==> flow/design.v <==
module u_addsub_v2 #(
   parameter int DATA_WIDTH = 8
) (
   input logic clk_i,
   input logic rst_ni,
   input logic [DATA_WIDTH-1:0] u,
   input logic [DATA_WIDTH-1:0] v,
   input logic do_sub,
   output logic [DATA_WIDTH-1:0] result,
   output logic cout
);
   logic [DATA_WIDTH-1:0] u_d1;
   always_ff @(posedge clk_i or negedge rst_ni) begin
      if (~rst_ni) begin
         u_d1 <= '0;
      end else begin
         u_d1 <= u;
      end
   end
   logic [DATA_WIDTH-1:0] v_d1;
   always_ff @(posedge clk_i or negedge rst_ni) begin
      if (~rst_ni) begin
         v_d1 <= '0;
      end else begin
         v_d1 <= v;
      end
   end
   logic do_sub_d1;
   always_ff @(posedge clk_i or negedge rst_ni) begin
      if (~rst_ni) begin
         do_sub_d1 <= 1'b0;
      end else begin
         do_sub_d1 <= do_sub;
      end
   end
   logic [DATA_WIDTH-1:0] mid;
   assign mid = v_d1 ^ {DATA_WIDTH{do_sub_d1}};
   logic [DATA_WIDTH:0] r;
   assign r = u_d1 + mid + do_sub_d1;
   assign result = r[DATA_WIDTH-1:0];
   assign cout = r[DATA_WIDTH];
endmodule
Step by step through the tools: u_addsub_v2
The steps from the RTL of u_addsub_v2 to its reports follow in flow order.
Lines are those of the file above, counted from 1.
Cell names lack the library's common part.
Not given: -
- top module: u_addsub_v2
- clock input: clk_i
- standard-cell library: sky130hd
- timing corner: tt_025C_1v80

Word level
Yosys after proc, flatten, opt, wreduce and memory -nomap, before mapping. Enables and synchronous resets that opt folds into registers are not counted as muxes. Memory bits, and registers merged into a memory's read port (data or address), are not among the register bits. Print and check cells are not counted. Equal cells are merged and count once.
- $add $sub $neg: 2
- bitwise logic cells at 1
- operator list (kind ; count):
    adder 8 x 8 -> 9 bit ; 1
    adder 9 x 1 -> 9 bit ; 1
    bitwise XOR 8 bit ; 1
- register bits after elaboration: 17
- input bits: 19
- output and inout port bits at 9
- elaborated cells: 6

Depth
Depth = most cells in a row (Yosys ltp): at word level without a register or memory, in the mapped netlist without a sequential cell, where the memories' decode and read muxes count.
- noted word-level depth: 3
- noted ABC_AREA: 0
- mapped depth: 8
- mapped depth without buffers: 7

Mapped cells and area
Source: synth_stat.txt of the flow (Yosys; design flattened, memories mapped). It holds for the ABC_AREA given above (unset counts as 0); a run with the other value may have another netlist.
Totals and module areas in this step are rounded.
- cells by type (type ; count ; area in all (µm²)):
    dfrtp_1 ; 17 ; 425.408
    ha_1 ; 7 ; 87.584
    xor2_1 ; 9 ; 78.826
    xnor2_1 ; 3 ; 26.275
    fa_1 ; 1 ; 20.019
    inv_1 ; 5 ; 18.768
    o31a_1 ; 2 ; 17.517
    a221oi_2 ; 1 ; 15.014
    mux2i_2 ; 1 ; 13.763
    or2_2 ; 2 ; 12.512
    buf_6 ; 1 ; 11.261
    nor2_1 ; 3 ; 11.261
    a21oi_1 ; 2 ; 10.01
    o21ai_0 ; 2 ; 10.01
    a211o_1 ; 1 ; 8.758
    and4_1 ; 1 ; 8.758
    o21ai_2 ; 1 ; 8.758
    o22a_1 ; 1 ; 8.758
Not listed: further types 5, cells in them 5.
- noted synthesis area: 823 µm²
- area of sequential cells: 425 µm²
- flip-flops at 17
- buffers at 1
- noted cells in the netlist: 65

Timing after synthesis
Source: OpenSTA report_checks on the synthesized netlist (no wires, ideal clock, input and output delay 20% of the period each), path of least setup slack; recovery checks are left aside. Register names are those of the netlist, which keeps one name where synthesis merged equal registers.
- kind: reg-to-output
- start point: register do_sub_d1
- end point: output result[6]
- noted launch time at the first pin: 0 ps
- noted external output delay: 574 ps
- arrival time at 1839 ps
- noted buffers on the path: 1
- path delay at 1839 ps
- noted stages on the path: 8
- noted clock period: 2870 ps
- required time: 2296 ps
- slack: 457 ps
- synthesis period reached: 2413 ps
"path delay" is the arrival time less input delay plus setup time.
A path that ends at an output port has no setup time.
"stages on the path" counts driving pins, that of a launching flip-flop among them; a cell with two outputs on the path counts twice.
"synthesis period reached" = period - worst setup slack (recovery checks aside). The figure is calculated, with input and output delays left at 20% of the set period.
The rows between start and end are the longest chain of elaborated cells between them; the timing report does not say that the signal goes this way. Where chains are equally long, one stands for them.
A line is the first line of the expression or statement that the cell stems from. Yosys adds cells for indexed reads and writes and turns some case tables into memories.
- cell sequence: dfrtp_1 buf_6 xor2_1 ha_1 nor2b_1 o31a_1 o31a_1 a31oi_1
- cells in the longest elaborated chain at 3
- elaborated cells between the ends (all ways) at 3
- RTL lines with such cells: 2
- those cells by class: add/sub (2); logic (1)
- RTL lines, path post-synthesis (element ; line ; source):
    start, declared ; 28 ; logic do_sub_d1;
    start, assigned ; 31 ; do_sub_d1 <= 1'b0;
    start, assigned ; 33 ; do_sub_d1 <= do_sub;
    bitwise XOR 8 bit ; 37 ; assign mid = v_d1 ^ {DATA_WIDTH{do_sub_d1}};
    adder 8 x 8 -> 9 bit ; 39 ; assign r = u_d1 + mid + do_sub_d1;
    adder 9 x 1 -> 9 bit ; 39 ;
    end, declared ; 9 ; output logic [DATA_WIDTH-1:0] result,

Path in the finished layout
From the final timing report of entry B: the path of least setup slack in the routed layout; clock arrival at registers is part of the times.
The path's times are printed in steps of 10 ps; the period is the one set.
- kind: reg-to-output
- start point: register do_sub_d1
- end point: output cout
- slack: 60 ps
- noted buffers on the path: 2
- required time: 2300 ps
- noted external output delay: 570 ps
- noted launch time at the first pin: 280 ps
- noted clock period: 2870 ps
- noted stages on the path: 9
- arrival time at 2230 ps
The rows between start and end are the longest chain of elaborated cells between them; the timing report does not say that the signal goes this way. Where chains are equally long, one stands for them.
- cell sequence: dfrtp_2 buf_6 xor2_1 ha_1 o21a_1 o31a_1 o31a_1 o22a_1 buf_2
- cells in the longest elaborated chain at 3
- elaborated cells between the ends (all ways) at 3
- RTL lines with such cells: 2
- those cells by class: add/sub (2); logic (1)
- RTL lines, path after layout (element ; line ; source):
    start, declared ; 28 ; logic do_sub_d1;
    start, assigned ; 31 ; do_sub_d1 <= 1'b0;
    start, assigned ; 33 ; do_sub_d1 <= do_sub;
    bitwise XOR 8 bit ; 37 ; assign mid = v_d1 ^ {DATA_WIDTH{do_sub_d1}};
    adder 8 x 8 -> 9 bit ; 39 ; assign r = u_d1 + mid + do_sub_d1;
    adder 9 x 1 -> 9 bit ; 39 ;
    end, declared ; 10 ; output logic cout

==> runs of u_addsub_v2 <==
Stored flow runs of u_addsub_v2 (3 of them; Yosys, OpenROAD, sky130hd). They differ in their settings and are not a sequence. Constraints: input delay and output delay 20% of the set period each, output load 0.01 pF.
"reached clock period" means the clock period less the worst setup slack. The figure is calculated, with input and output delays left at 20% of the set period.
"time of the worst setup path" = time allowed to the worst setup path (clock period - input delay - output delay, where it has them) - its slack; a late launch clock adds to it, a late capture clock takes from it.
"total design power": no workload was simulated; the value follows from the tool's default switching activity.
"time of the worst setup path" is known to 10 ps.
Values from the reports are rounded here.

Entry A

==> flow/run.sh <==
#!/bin/bash
# the make line also repeats the synthesis and layout settings of config.mk as NAME=value (left out here)
make -C /OpenROAD-flow-scripts/flow DESIGN_CONFIG=/design/flow/config.mk WORK_HOME=/design/flow/orfs CLKGATE_MAP_FILE= finish
==> flow/config.mk <==
export PLATFORM = sky130hd
export DESIGN_NAME = u_addsub_v2
export DESIGN_NICKNAME = u_addsub_v2
export VERILOG_FILES = /design/flow/design.v
export SDC_FILE = /design/flow/constraint.sdc
export NUM_CORES = 4
export LEC_CHECK = 0
export ABC_AREA = 1
export CAP_MARGIN = 35
export CELL_PAD_IN_SITES_GLOBAL_PLACEMENT = 3
export CORE_ASPECT_RATIO = 0.93
export CORE_MARGIN = 4
export CORE_UTILIZATION = 51
export CTS_CLUSTER_SIZE = 57
export PLACE_DENSITY_LB_ADDON = 0.04
export SLEW_MARGIN = 20
==> flow/constraint.sdc <==
create_clock -name core_clock -period 3.17 [get_ports {clk_i}]
set_input_delay 0.6340 -clock core_clock [delete_from_list [all_inputs] [get_ports {clk_i}]]
set_output_delay 0.6340 -clock core_clock [all_outputs]
set_load 0.01 [all_outputs]

Entry A: unfinished; error FLW-0024 in placement.

Entry B

==> flow/run.sh <==
#!/bin/bash
# the make line also repeats the synthesis and layout settings of config.mk as NAME=value (left out here)
make -C /OpenROAD-flow-scripts/flow DESIGN_CONFIG=/design/flow/config.mk WORK_HOME=/design/flow/orfs CLKGATE_MAP_FILE= finish
==> flow/config.mk <==
export PLATFORM = sky130hd
export DESIGN_NAME = u_addsub_v2
export DESIGN_NICKNAME = u_addsub_v2
export VERILOG_FILES = /design/flow/design.v
export SDC_FILE = /design/flow/constraint.sdc
export NUM_CORES = 4
export LEC_CHECK = 0
export CAP_MARGIN = 20
export CORE_MARGIN = 2
export CORE_UTILIZATION = 40
export SLEW_MARGIN = 20
==> flow/constraint.sdc <==
create_clock -name core_clock -period 2.87 [get_ports {clk_i}]
set_input_delay 0.5740 -clock core_clock [delete_from_list [all_inputs] [get_ports {clk_i}]]
set_output_delay 0.5740 -clock core_clock [all_outputs]
set_load 0.01 [all_outputs]

Measured in entry B:
- noted the standard-cell area after layout: 1,260 µm²
- noted the Yosys chip area after synthesis: 823 µm²
- noted the total design power: 616 uW
- noted the area inside the die boundary: 2,440 µm²
- worst setup slack after layout at 63 ps
- post-route setup TNS at 0 ps
- reached clock period: 2,807 ps
- utilization of the finished layout at 64.8 %
- noted the time of the worst setup path: 2,230 ps
- kind of the worst setup path: reg-to-output

Entry C

==> flow/run.sh <==
#!/bin/bash
# the make line also repeats the synthesis and layout settings of config.mk as NAME=value (left out here)
make -C /OpenROAD-flow-scripts/flow DESIGN_CONFIG=/design/flow/config.mk WORK_HOME=/design/flow/orfs CLKGATE_MAP_FILE= finish
==> flow/config.mk <==
export PLATFORM = sky130hd
export DESIGN_NAME = u_addsub_v2
export DESIGN_NICKNAME = u_addsub_v2
export VERILOG_FILES = /design/flow/design.v
export SDC_FILE = /design/flow/constraint.sdc
export NUM_CORES = 4
export LEC_CHECK = 0
export ABC_AREA = 1
export CAP_MARGIN = 20
export CORE_MARGIN = 2
export CORE_UTILIZATION = 15
export CTS_CLUSTER_DIAMETER = 104
export CTS_CLUSTER_SIZE = 71
export GPL_ROUTABILITY_DRIVEN = 1
export MAX_ROUTING_LAYER = met5
export PLACE_DENSITY_LB_ADDON = 0.22
export SETUP_SLACK_MARGIN = 0.09
export SLEW_MARGIN = 20
export TNS_END_PERCENT = 100
==> flow/constraint.sdc <==
create_clock -name core_clock -period 1.59 [get_ports {clk_i}]
set_input_delay 0.3180 -clock core_clock [delete_from_list [all_inputs] [get_ports {clk_i}]]
set_output_delay 0.3180 -clock core_clock [all_outputs]
set_load 0.01 [all_outputs]

Measured in entry C:
- utilization of the finished layout at 25.7 %
- noted the area inside the die boundary: 6,470 µm²
- noted the total design power: 1,260 uW
- noted the time of the worst setup path: 1,950 ps
- kind of the worst setup path: reg-to-output
- post-route setup TNS at -4,480 ps
- noted the standard-cell area after layout: 1,430 µm²
- reached clock period: 2,271 ps
- noted the Yosys chip area after synthesis: 877 µm²
- worst setup slack after layout at -681 ps
